==> flow/design.v <==
module rf #(
   parameter DEPTH = 6,
   parameter DW = 16,
   parameter AWIDTH = $clog2(DEPTH)
) (
   input  wire sys_clk,
   input  wire load_i,
   input  wire [AWIDTH-1:0] waddr_i,
   input  wire [DW-1:0] write_data_i,
   input  wire [AWIDTH-1:0] ra_a_i,
   input  wire [AWIDTH-1:0] ra_b_i,
   output wire [DW-1:0] rdata_a_o,
   output wire [DW-1:0] rdata_b_o
);
   reg [DW-1:0] bank [0:DEPTH-1];
   always @(posedge sys_clk) begin
      if (load_i)
         bank[waddr_i] <= write_data_i;
   end
   assign rdata_a_o = bank[ra_a_i];
   assign rdata_b_o = bank[ra_b_i];
endmodule
==> reports on rf <==
From RTL to reports: rf:

Module rf in several versions that differ in "DEPTH"; each step lists the members.
The file above is the member DEPTH=6. Line numbers count from 1 in each member's own file.
A cell with -- has no value.

* top module: rf
* clock: sys_clk
* library: sky130hd
* corner: tt_025C_1v80

Source of the members:

New or changed lines of each further member against the RTL above, in its own file; lines it lacks are not shown.

New or changed lines
* DEPTH 48: RTL line 2 `parameter DEPTH = 48,`
* DEPTH 64: RTL line 2 `parameter DEPTH = 64,`
* DEPTH 128: RTL line 2 `parameter DEPTH = 128,`

Word-level counts:

Yosys after proc, flatten, opt, wreduce and memory -nomap, before mapping. Enables and synchronous resets that opt folds into registers are not counted as muxes. Memory bits, and registers merged into a memory's read port (data or address), are not among the register bits. Print and check cells are not counted. Equal cells are merged and count once.
Memory sizes are those after Yosys's memory passes, which may raise the word count (mostly to a power of two), join words into wider ones and drop unused or constant bits.

Operators by class
* DEPTH 6: add/sub/neg operators 0, $mul 0, divide/modulo/power cells 0, $lt $le $gt $ge 0, equal/unequal tests 0, shift operators 0, mux-type cells 3, bitwise logic cells 0, reduce/logical cells 0
* DEPTH 48: add/sub/neg operators 0, $mul 0, divide/modulo/power cells 0, $lt $le $gt $ge 0, equal/unequal tests 0, shift operators 0, mux-type cells 3, bitwise logic cells 0, reduce/logical cells 0
* DEPTH 64: add/sub/neg operators 0, $mul 0, divide/modulo/power cells 0, $lt $le $gt $ge 0, equal/unequal tests 0, shift operators 0, mux-type cells 3, bitwise logic cells 0, reduce/logical cells 0
* DEPTH 128: add/sub/neg operators 0, $mul 0, divide/modulo/power cells 0, $lt $le $gt $ge 0, equal/unequal tests 0, shift operators 0, mux-type cells 3, bitwise logic cells 0, reduce/logical cells 0

Operator list (kinds with counts)
* DEPTH 6: 2-to-1 mux 16 bit (1); 2-to-1 mux 3 bit (1); 2-to-1 mux 1 bit (1)
* DEPTH 48: 2-to-1 mux 16 bit (1); 2-to-1 mux 6 bit (1); 2-to-1 mux 1 bit (1)
* DEPTH 64: 2-to-1 mux 16 bit (1); 2-to-1 mux 6 bit (1); 2-to-1 mux 1 bit (1)
* DEPTH 128: 2-to-1 mux 16 bit (1); 2-to-1 mux 7 bit (1); 2-to-1 mux 1 bit (1)

Storage and ports
* DEPTH 6: flip-flop bits (word level) 0, latch bits 0, bits in writable memories 96, memory bits (read-only) 0, clocked read ports x word width 0, memory cells 1, input port bits 27, output and inout port bits 32, cells after elaboration 4
* DEPTH 48: flip-flop bits (word level) 0, latch bits 0, bits in writable memories 768, memory bits (read-only) 0, clocked read ports x word width 0, memory cells 1, input port bits 36, output and inout port bits 32, cells after elaboration 4
* DEPTH 64: flip-flop bits (word level) 0, latch bits 0, bits in writable memories 1024, memory bits (read-only) 0, clocked read ports x word width 0, memory cells 1, input port bits 36, output and inout port bits 32, cells after elaboration 4
* DEPTH 128: flip-flop bits (word level) 0, latch bits 0, bits in writable memories 2048, memory bits (read-only) 0, clocked read ports x word width 0, memory cells 1, input port bits 39, output and inout port bits 32, cells after elaboration 4

Memory list (shape (words x width / read and write ports))
* DEPTH 6: bank 6 x 16 bit 2R1W
* DEPTH 48: bank 48 x 16 bit 2R1W
* DEPTH 64: bank 64 x 16 bit 2R1W
* DEPTH 128: bank 128 x 16 bit 2R1W

Longest topological paths:

Yosys ltp: most cells in a row. Word level: on the elaborated netlist, between registers, memories and ports. Mapped: between sequential cells and ports; inverters and the memories' decode and read muxes count.

Depth
* DEPTH 6: word-level depth 1, ABC_AREA 0, mapped depth 4, mapped depth without buffers 2
* DEPTH 48: word-level depth 1, ABC_AREA 0, mapped depth 9, mapped depth without buffers 5
* DEPTH 64: word-level depth 1, ABC_AREA 0, mapped depth 9, mapped depth without buffers 5
* DEPTH 128: word-level depth 1, ABC_AREA 0, mapped depth 7, mapped depth without buffers 4

Netlist:

Yosys stat after the flow's synthesis: flattened, memories mapped to cells. It holds for the ABC_AREA given above (unset counts as 0); a run with the other value may have another netlist.

Synthesis totals
* DEPTH 6: standard cells after synthesis 218, mapped area 4501.8 µm², sequential part of the area 2882.8 µm², flip-flops 96, buffers 16
* DEPTH 48: standard cells after synthesis 2116, mapped area 36361.1 µm², sequential part of the area 23062.1 µm², flip-flops 768, buffers 172
* DEPTH 64: standard cells after synthesis 2550, mapped area 48196.2 µm², sequential part of the area 30749.5 µm², flip-flops 1024, buffers 213
* DEPTH 128: standard cells after synthesis 3909, mapped area 94155.3 µm², sequential part of the area 61499.0 µm², flip-flops 2048, buffers 315

Cells by type (types with counts)
* DEPTH 6: sky130_fd_sc_hd__edfxtp_1 (96); sky130_fd_sc_hd__mux4_2 (32); sky130_fd_sc_hd__mux2_2 (34); sky130_fd_sc_hd__mux2_1 (28); sky130_fd_sc_hd__buf_6 (6); sky130_fd_sc_hd__mux2_4 (2); sky130_fd_sc_hd__buf_2 (4); sky130_fd_sc_hd__nand2b_1 (3); sky130_fd_sc_hd__buf_8 (1); sky130_fd_sc_hd__nor2_1 (4); sky130_fd_sc_hd__buf_1 (3); sky130_fd_sc_hd__nor3_1 (2); sky130_fd_sc_hd__clkbuf_2 (1); sky130_fd_sc_hd__clkbuf_1 (1); sky130_fd_sc_hd__nand2_1 (1)
* DEPTH 48: sky130_fd_sc_hd__edfxtp_1 (768); sky130_fd_sc_hd__mux2i_1 (512); sky130_fd_sc_hd__mux4_2 (160); sky130_fd_sc_hd__a22oi_1 (128); sky130_fd_sc_hd__a221oi_1 (64); sky130_fd_sc_hd__a22o_1 (64); sky130_fd_sc_hd__buf_6 (40); sky130_fd_sc_hd__a21oi_1 (64); sky130_fd_sc_hd__clkbuf_1 (60); sky130_fd_sc_hd__o41ai_2 (13); sky130_fd_sc_hd__o22ai_1 (32); sky130_fd_sc_hd__nor2_1 (48); sky130_fd_sc_hd__o41ai_1 (19); sky130_fd_sc_hd__buf_4 (21); sky130_fd_sc_hd__nand2_1 (40); sky130_fd_sc_hd__buf_2 (27); sky130_fd_sc_hd__buf_1 (24); sky130_fd_sc_hd__nand2b_1 (7); (+25)
* DEPTH 64: sky130_fd_sc_hd__edfxtp_1 (1024); sky130_fd_sc_hd__mux4_2 (407); sky130_fd_sc_hd__mux2_2 (152); sky130_fd_sc_hd__mux2i_1 (152); sky130_fd_sc_hd__a211oi_1 (96); sky130_fd_sc_hd__o22ai_1 (72); sky130_fd_sc_hd__buf_4 (52); sky130_fd_sc_hd__nor2_1 (93); sky130_fd_sc_hd__buf_2 (69); sky130_fd_sc_hd__nand2_1 (80); sky130_fd_sc_hd__mux4_1 (9); sky130_fd_sc_hd__buf_6 (19); sky130_fd_sc_hd__a311oi_1 (24); sky130_fd_sc_hd__a221oi_1 (23); sky130_fd_sc_hd__a22oi_1 (24); sky130_fd_sc_hd__clkbuf_1 (47); sky130_fd_sc_hd__a21oi_1 (32); sky130_fd_sc_hd__a31oi_1 (24); (+151)
* DEPTH 128: sky130_fd_sc_hd__edfxtp_1 (2048); sky130_fd_sc_hd__mux4_2 (1344); sky130_fd_sc_hd__clkbuf_1 (163); sky130_fd_sc_hd__buf_2 (106); sky130_fd_sc_hd__nor2_1 (122); sky130_fd_sc_hd__mux2_2 (32); sky130_fd_sc_hd__buf_1 (44); sky130_fd_sc_hd__nand3_1 (12); sky130_fd_sc_hd__nand2_1 (14); sky130_fd_sc_hd__nor3_1 (9); sky130_fd_sc_hd__nor2b_1 (7); sky130_fd_sc_hd__buf_6 (2); sky130_fd_sc_hd__nand4_1 (3); sky130_fd_sc_hd__nand2b_1 (2); sky130_fd_sc_hd__or3_1 (1)

The mark (+n) counts cells that are not listed.

Timing after synthesis:

Source: OpenSTA report_checks on the synthesized netlist (no wires, ideal clock, input and output delay 20% of the period each), path of least setup slack; recovery checks are left aside. Register names are those of the netlist, which keeps one name where synthesis merged equal registers.

Path post-synthesis
* DEPTH 6: path kind input -> register, start input port waddr_i[0], end memory bank[0][0], clock period 2660 ps, path slack 423 ps, stages 2, delay of the path 1705 ps, period reached after synthesis 2237 ps
* DEPTH 48: path kind input -> output, start input port ra_a_i[2], end output port rdata_a_o[10], clock period 3380 ps, path slack 408 ps, stages 8, delay of the path 1620 ps, period reached after synthesis 2972 ps
* DEPTH 64: path kind input -> output, start input port ra_a_i[0], end output port rdata_a_o[0], clock period 3180 ps, path slack 383 ps, stages 6, delay of the path 1525 ps, period reached after synthesis 2797 ps
* DEPTH 128: path kind input -> output, start input port ra_b_i[0], end output port rdata_b_o[0], clock period 5020 ps, path slack 601 ps, stages 6, delay of the path 2411 ps, period reached after synthesis 4419 ps

"delay of the path" = arrival - input delay + setup time.
At an output port there is no setup time.
"stages": output pins that drive a net of the path, with the launching flip-flop's if there is one; two outputs of one cell count as two.
"period reached after synthesis" = period - worst setup slack (recovery checks aside). The figure is calculated, with input and output delays left at 20% of the set period.
Between the ends stands the longest chain of elaborated cells between them, by number of cells; it is not shown to be the way that was timed. Of several equally long chains one is given.
Each line given opens the expression or statement behind the cell; cells for indexed reads and writes are added by Yosys, which also makes memories of some case tables.
The chain passes a memory read, where the word-level depth is cut; so it can be longer than that depth.

Between the ends, post-synthesis, DEPTH=6:
* cells in the longest elaborated chain: 1

RTL lines, path post-synthesis, DEPTH=6
* start, declared: RTL line 8 `input  wire [AWIDTH-1:0] waddr_i,`
* 2-to-1 mux 3 bit: RTL line 17 `if (load_i)`
* end, declared: RTL line 15 `reg [DW-1:0] bank [0:DEPTH-1];`

Between the ends, post-synthesis, DEPTH=128:
* cells in the longest elaborated chain: 1

RTL lines, path post-synthesis, DEPTH=128
* start, declared: RTL line 11 `input  wire [AWIDTH-1:0] ra_b_i,`
* memory (128 x 16 bit): RTL line 15 `reg [DW-1:0] bank [0:DEPTH-1];`
* end, declared: RTL line 13 `output wire [DW-1:0] rdata_b_o`

Timing after layout:

From the final timing report of each member's run: the path of least setup slack in the routed layout; clock arrival at registers is part of the times.
The report prints the path's times to 10 ps; the period is as set.

Path after layout
* DEPTH 6: path kind input -> output, start input port ra_b_i[1], end output port rdata_b_o[6], clock period 2660 ps, path slack 40 ps, stages 5, arrival time 2080 ps, buffers on the path 3
* DEPTH 48: path kind input -> output, start input port ra_b_i[0], end output port rdata_b_o[15], clock period 3380 ps, path slack -120 ps, stages 9, arrival time 2820 ps, buffers on the path 5
* DEPTH 64: path kind input -> output, start input port ra_a_i[2], end output port rdata_a_o[11], clock period 3180 ps, path slack -230 ps, stages 10, arrival time 2780 ps, buffers on the path 6
* DEPTH 128: path kind input -> output, start input port ra_a_i[0], end output port rdata_a_o[10], clock period 5020 ps, path slack -20 ps, stages 10, arrival time 4040 ps, buffers on the path 6

Measured runs:

Settings and results of one run of the flow (Yosys, OpenROAD) for each member follow. The constraints put input and output delay at 20% of the set period each and load the outputs with 0.01 pF.

* CAP_MARGIN: 20
* CORE_MARGIN: 2
* CORE_UTILIZATION: 40
* SLEW_MARGIN: 20

Settings by member (period_ns)
* DEPTH 6: 2.66
* DEPTH 48: 3.38
* DEPTH 64: 3.18
* DEPTH 128: 5.02

Final reports
* DEPTH 6: cell area after synthesis 4501.8 µm², full die area 12118.7 µm², standard-cell area after layout 5733.0 µm², final utilization 52.7%, lowest setup slack 45 ps, sum of negative setup slack 0 ps, worst hold slack after layout 855 ps, total power of the final layout 3168 uW, clock period reached 2615 ps
* DEPTH 48: cell area after synthesis 36361.1 µm², full die area 93330.2 µm², standard-cell area after layout 46235.6 µm², final utilization 51.4%, lowest setup slack -117 ps, sum of negative setup slack -821 ps, worst hold slack after layout 600 ps, total power of the final layout 22344 uW, clock period reached 3497 ps
* DEPTH 64: cell area after synthesis 48196.2 µm², full die area 123282.0 µm², standard-cell area after layout 63608.5 µm², final utilization 53.2%, lowest setup slack -234 ps, sum of negative setup slack -4089 ps, worst hold slack after layout 392 ps, total power of the final layout 32230 uW, clock period reached 3414 ps
* DEPTH 128: cell area after synthesis 94155.3 µm², full die area 239287.0 µm², standard-cell area after layout 110762.0 µm², final utilization 47.2%, lowest setup slack -20 ps, sum of negative setup slack -30 ps, worst hold slack after layout 515 ps, total power of the final layout 37696 uW, clock period reached 5040 ps

"clock period reached" is the run's clock period less its worst setup slack. It is reckoned from that one timing run; input and output delays stay at 20% of the period that was set.
"total power of the final layout" is the tool's figure for a default switching activity; nothing was simulated.
